==> flow/design.v <==
module mult #(
    parameter integer XLEN = 32,
    parameter integer K = 2
) (
    input logic clock,
    input logic rst_n,
    input logic [XLEN-1:0] a,
    input logic [K-1:0] b,
    output logic [XLEN+K-1:0] p
);
    always_ff @(posedge clock or negedge rst_n) begin
        if (~rst_n) begin
            p <= 0;
        end else begin
            p <= a * b;
        end
    end
endmodule
Ticket comment

From RTL to reports: mult
A sweep over "K": the same steps for each member of the family.
The file above is the member K 2. Line numbers count from 1 in each member's own file.
Operators: Yosys type, input widths -> output width; for muxes data width and select width s.
Cell names lack the library's common part.
{"block": "inputs", "top_module": "mult", "clk_port": "clock", "library": "sky130hd", "pvt_corner": "tt_025C_1v80"}

Source of the members
Lines of each other member's file that are new or changed against the file above; lines that a member lacks are not shown.
{"block": "changed_lines", "K": 3, "line_no": 3, "source": "parameter integer K = 3"}
{"block": "changed_lines", "K": 5, "line_no": 3, "source": "parameter integer K = 5"}
{"block": "changed_lines", "K": 8, "line_no": 3, "source": "parameter integer K = 8"}
{"block": "changed_lines", "K": 12, "line_no": 3, "source": "parameter integer K = 12"}

Word-level counts
Counts by Yosys on the flattened word-level netlist (proc, flatten, opt, wreduce; memories kept). Register bits leave out memories and registers merged into their read ports (data or address); mux counts leave out enables and synchronous resets folded into registers. Print and check cells are left out. Cells with the same type and inputs are merged into one.
{"block": "word_totals", "K": 2, "register_bits": 34, "elab_cells": 2, "n_memories": 0, "clocked_rd_ports_x_width": 0, "output_inout_bits": 34, "inputBits": 36, "romBits": 0, "ram_bits": 0, "latchBits": 0}
{"block": "word_totals", "K": 3, "register_bits": 35, "elab_cells": 2, "n_memories": 0, "clocked_rd_ports_x_width": 0, "output_inout_bits": 35, "inputBits": 37, "romBits": 0, "ram_bits": 0, "latchBits": 0}
{"block": "word_totals", "K": 5, "register_bits": 37, "elab_cells": 2, "n_memories": 0, "clocked_rd_ports_x_width": 0, "output_inout_bits": 37, "inputBits": 39, "romBits": 0, "ram_bits": 0, "latchBits": 0}
{"block": "word_totals", "K": 8, "register_bits": 40, "elab_cells": 2, "n_memories": 0, "clocked_rd_ports_x_width": 0, "output_inout_bits": 40, "inputBits": 42, "romBits": 0, "ram_bits": 0, "latchBits": 0}
{"block": "word_totals", "K": 12, "register_bits": 44, "elab_cells": 2, "n_memories": 0, "clocked_rd_ports_x_width": 0, "output_inout_bits": 44, "inputBits": 46, "romBits": 0, "ram_bits": 0, "latchBits": 0}
{"block": "classes", "K": 2, "n_reduce_logical": 0, "logic": 0, "mul": 1, "muxes": 0, "n_shift": 0, "n_div": 0, "compare": 0, "n_eq": 0, "n_addsub": 0}
{"block": "classes", "K": 3, "n_reduce_logical": 0, "logic": 0, "mul": 1, "muxes": 0, "n_shift": 0, "n_div": 0, "compare": 0, "n_eq": 0, "n_addsub": 0}
{"block": "classes", "K": 5, "n_reduce_logical": 0, "logic": 0, "mul": 1, "muxes": 0, "n_shift": 0, "n_div": 0, "compare": 0, "n_eq": 0, "n_addsub": 0}
{"block": "classes", "K": 8, "n_reduce_logical": 0, "logic": 0, "mul": 1, "muxes": 0, "n_shift": 0, "n_div": 0, "compare": 0, "n_eq": 0, "n_addsub": 0}
{"block": "classes", "K": 12, "n_reduce_logical": 0, "logic": 0, "mul": 1, "muxes": 0, "n_shift": 0, "n_div": 0, "compare": 0, "n_eq": 0, "n_addsub": 0}
{"block": "op_table", "K": 2, "operators": "1 x $mul 32x2->34"}
{"block": "op_table", "K": 3, "operators": "1 x $mul 32x3->35"}
{"block": "op_table", "K": 5, "operators": "1 x $mul 32x5->37"}
{"block": "op_table", "K": 8, "operators": "1 x $mul 32x8->40"}
{"block": "op_table", "K": 12, "operators": "1 x $mul 32x12->44"}

Longest topological paths
Yosys ltp: most cells in a row. Word level: on the elaborated netlist, between registers, memories and ports. Mapped: between sequential cells and ports; inverters and the memories' decode and read muxes count.
{"block": "depth", "K": 2, "word_depth": 1, "abc_area": 0, "mapped_depth": 11}
{"block": "depth", "K": 3, "word_depth": 1, "abc_area": 0, "mapped_depth": 12}
{"block": "depth", "K": 5, "word_depth": 1, "abc_area": 0, "mapped_depth": 16}
{"block": "depth", "K": 8, "word_depth": 1, "abc_area": 0, "mapped_depth": 19}
{"block": "depth", "K": 12, "word_depth": 1, "abc_area": 0, "mapped_depth": 23}

Mapped cells and area
Yosys stat after the flow's synthesis: flattened, memories mapped to cells. It holds for the ABC_AREA given above (unset counts as 0); a run with the other value may have another netlist.
{"block": "synth_totals", "K": 2, "mapped_cells": 320, "seq_area_um2": 850.8, "n_buf": 11, "ff_cells": 34, "area_um2": 2904.0}
{"block": "synth_totals", "K": 3, "mapped_cells": 486, "seq_area_um2": 875.8, "n_buf": 14, "ff_cells": 35, "area_um2": 3935.0}
{"block": "synth_totals", "K": 5, "mapped_cells": 715, "seq_area_um2": 925.9, "n_buf": 23, "ff_cells": 37, "area_um2": 6297.3}
{"block": "synth_totals", "K": 8, "mapped_cells": 982, "seq_area_um2": 1001.0, "n_buf": 35, "ff_cells": 40, "area_um2": 9231.4}
{"block": "synth_totals", "K": 12, "mapped_cells": 1457, "seq_area_um2": 1101.1, "n_buf": 76, "ff_cells": 44, "area_um2": 12904.9}
{"block": "by_type", "K": 2, "cell_types": "34 x dfrtp_1; 66 x and2_1; 31 x ha_1; 17 x xnor2_1; 28 x a21oi_1; 12 x xor2_1; 16 x o21ai_0; 18 x nand2_1; 8 x o211ai_1; 7 x a21o_1; 7 x nand4_1; 9 x nor2_1; 1 x o41ai_4; 3 x a31o_2; 7 x clkbuf_1; 1 x o311ai_4; 5 x nand3_1; 3 x a211oi_1; [+47]"}
{"block": "by_type", "K": 3, "cell_types": "35 x dfrtp_1; 31 x fa_1; 34 x ha_1; 112 x nand2_1; 73 x inv_1; 36 x a21oi_1; 16 x xnor2_1; 9 x xor2_1; 10 x a21o_1; 15 x o21ai_0; 9 x and2_1; 15 x nor2_1; 5 x and4_1; 11 x clkbuf_1; 6 x nor3_1; 4 x o211ai_1; 3 x a311oi_1; 4 x and3_1; [+58]"}
{"block": "by_type", "K": 5, "cell_types": "90 x fa_1; 37 x dfrtp_1; 124 x and2_1; 45 x ha_1; 119 x inv_1; 70 x nand2_1; 34 x a21oi_1; 17 x xnor2_1; 26 x o21ai_0; 14 x a21o_1; 12 x xor2_1; 21 x clkbuf_1; 18 x nor2_1; 5 x a211oi_1; 6 x and3_1; 5 x o21a_1; 7 x nand3_1; 5 x nand4_1; [+60]"}
{"block": "by_type", "K": 8, "cell_types": "180 x fa_1; 206 x and2_1; 40 x dfrtp_1; 60 x ha_1; 165 x inv_1; 78 x nand2_1; 45 x a21oi_1; 19 x xnor2_1; 24 x o21ai_0; 27 x clkbuf_1; 13 x a21o_1; 11 x xor2_1; 18 x nor2_1; 7 x o21bai_1; 3 x a311oi_2; 7 x nand4_1; 8 x nand3_1; 5 x o21a_1; [+66]"}
{"block": "by_type", "K": 12, "cell_types": "300 x fa_1; 340 x inv_1; 44 x dfrtp_1; 293 x nand2_1; 82 x ha_1; 111 x and2_1; 73 x clkbuf_1; 36 x a21oi_1; 20 x xnor2_1; 22 x a21o_1; 15 x xor2_1; 12 x nand4_1; 16 x nor2_1; 10 x nand3_1; 9 x o21ai_0; 5 x o21bai_1; 2 x a21oi_4; 5 x a31oi_1; [+62]"}
A list marked [+n] leaves out that many cells.

Timing after synthesis
Source: OpenSTA report_checks on the synthesized netlist (no wires, ideal clock, input and output delay 20% of the period each), path of least setup slack; recovery checks are left aside. Register names are those of the netlist, which keeps one name where synthesis merged equal registers.
{"block": "synth_timing", "K": 2, "path_kind": "input to register", "start": "in b[1]", "end": "reg p[33]", "delay_ps": 2323, "period_ps": 3630, "driving_pins": 11, "slack_ps": 581, "synth_period_reached_ps": 3049}
{"block": "synth_timing", "K": 3, "path_kind": "input to register", "start": "in b[2]", "end": "reg p[34]", "delay_ps": 3010, "period_ps": 4700, "driving_pins": 12, "slack_ps": 750, "synth_period_reached_ps": 3950}
{"block": "synth_timing", "K": 5, "path_kind": "input to register", "start": "in b[4]", "end": "reg p[26]", "delay_ps": 3886, "period_ps": 6070, "driving_pins": 15, "slack_ps": 970, "synth_period_reached_ps": 5100}
{"block": "synth_timing", "K": 8, "path_kind": "input to register", "start": "in b[3]", "end": "reg p[35]", "delay_ps": 4424, "period_ps": 6910, "driving_pins": 17, "slack_ps": 1104, "synth_period_reached_ps": 5806}
{"block": "synth_timing", "K": 12, "path_kind": "input to register", "start": "in b[3]", "end": "reg p[39]", "delay_ps": 5075, "period_ps": 7930, "driving_pins": 19, "slack_ps": 1268, "synth_period_reached_ps": 6662}
"delay_ps" = arrival - input delay + setup time.
"driving_pins": output pins that drive a net of the path, with the launching flip-flop's if there is one; two outputs of one cell count as two.
"synth_period_reached_ps" is the clock period less the worst setup slack; recovery checks do not enter. This is arithmetic on one report: input and output delays are still those of the set period (20% each).
Between the ends stands the longest chain of elaborated cells between them, by number of cells; it is not shown to be the way that was timed. Of several equally long chains one is given.
A line is the first line of the expression or statement that the cell stems from. Yosys adds cells for indexed reads and writes and turns some case tables into memories.
{"block": "synth_via_K_2", "elab_chain_cells": 1}
{"block": "synth_rtl_K_2", "element": "from (decl)", "line_no": 8, "source": "input logic [K-1:0] b,"}
{"block": "synth_rtl_K_2", "element": "$mul 32x2->34", "line_no": 15, "source": "p <= a * b;"}
{"block": "synth_rtl_K_2", "element": "to (assign)", "line_no": 13, "source": "p <= 0;"}
{"block": "synth_rtl_K_2", "element": "to (assign)", "line_no": 15}
{"block": "synth_rtl_K_2", "element": "to (decl)", "line_no": 9, "source": "output logic [XLEN+K-1:0] p"}
{"block": "synth_via_K_12", "elab_chain_cells": 1}
{"block": "synth_rtl_K_12", "element": "from (decl)", "line_no": 8, "source": "input logic [K-1:0] b,"}
{"block": "synth_rtl_K_12", "element": "$mul 32x12->44", "line_no": 15, "source": "p <= a * b;"}
{"block": "synth_rtl_K_12", "element": "to (assign)", "line_no": 13, "source": "p <= 0;"}
{"block": "synth_rtl_K_12", "element": "to (assign)", "line_no": 15}
{"block": "synth_rtl_K_12", "element": "to (decl)", "line_no": 9, "source": "output logic [XLEN+K-1:0] p"}

Worst path after layout
From the final timing report of the run of each member: the path of least setup slack in the routed layout; clock arrival at registers is part of the times.
The report prints the path's times to 10 ps; the period is as set.
{"block": "layout_timing", "K": 2, "path_kind": "input to register", "start": "in b[1]", "end": "reg p[33]", "driving_pins": 11, "slack_ps": 320, "period_ps": 3630, "arrival_ps": 3470}
{"block": "layout_timing", "K": 3, "path_kind": "input to register", "start": "in b[2]", "end": "reg p[33]", "driving_pins": 11, "slack_ps": 520, "period_ps": 4700, "arrival_ps": 4350}
{"block": "layout_timing", "K": 5, "path_kind": "input to register", "start": "in b[3]", "end": "reg p[26]", "driving_pins": 16, "slack_ps": 470, "period_ps": 6070, "arrival_ps": 5800}
{"block": "layout_timing", "K": 8, "path_kind": "input to register", "start": "in b[2]", "end": "reg p[39]", "driving_pins": 18, "slack_ps": 650, "period_ps": 6910, "arrival_ps": 6460}
{"block": "layout_timing", "K": 12, "path_kind": "input to register", "start": "in a[8]", "end": "reg p[42]", "driving_pins": 22, "slack_ps": 480, "period_ps": 7930, "arrival_ps": 7660}

Layout results
One run of the flow (Yosys, OpenROAD) for each member, with settings and measured results. Input and output delays are each 20% of the period that was set; the output load is 0.01 pF.
{"block": "settings", "CAP_MARGIN": 20, "CORE_MARGIN": 2, "CORE_UTILIZATION": 40, "SLEW_MARGIN": 20}
{"block": "settings_by_member", "K": 2, "period_ns": 3.63}
{"block": "settings_by_member", "K": 3, "period_ns": 4.7}
{"block": "settings_by_member", "K": 5, "period_ns": 6.07}
{"block": "settings_by_member", "K": 8, "period_ns": 6.91}
{"block": "settings_by_member", "K": 12, "period_ns": 7.93}
{"block": "results", "K": 2, "synth_chip_area_um2": 2904.0, "total_die_area_um2": 7957.5, "setup_ws_ps": 323, "final_stdcell_area_um2": 3966.3, "fin_util_pct": 55.6, "period_less_ws_ps": 3307, "total_negative_slack_ps": 0}
{"block": "results", "K": 3, "synth_chip_area_um2": 3935.0, "total_die_area_um2": 10647.1, "setup_ws_ps": 524, "final_stdcell_area_um2": 4914.7, "fin_util_pct": 51.0, "period_less_ws_ps": 4176, "total_negative_slack_ps": 0}
{"block": "results", "K": 5, "synth_chip_area_um2": 6297.3, "total_die_area_um2": 16762.5, "setup_ws_ps": 465, "final_stdcell_area_um2": 7479.7, "fin_util_pct": 48.8, "period_less_ws_ps": 5605, "total_negative_slack_ps": 0}
{"block": "results", "K": 8, "synth_chip_area_um2": 9231.4, "total_die_area_um2": 24309.5, "setup_ws_ps": 648, "final_stdcell_area_um2": 10593.9, "fin_util_pct": 46.8, "period_less_ws_ps": 6262, "total_negative_slack_ps": 0}
{"block": "results", "K": 12, "synth_chip_area_um2": 12904.9, "total_die_area_um2": 33714.5, "setup_ws_ps": 483, "final_stdcell_area_um2": 14751.6, "fin_util_pct": 46.6, "period_less_ws_ps": 7447, "total_negative_slack_ps": 0}
"period_less_ws_ps" = clock period - worst setup slack. The figure is calculated, with input and output delays left at 20% of the set period.
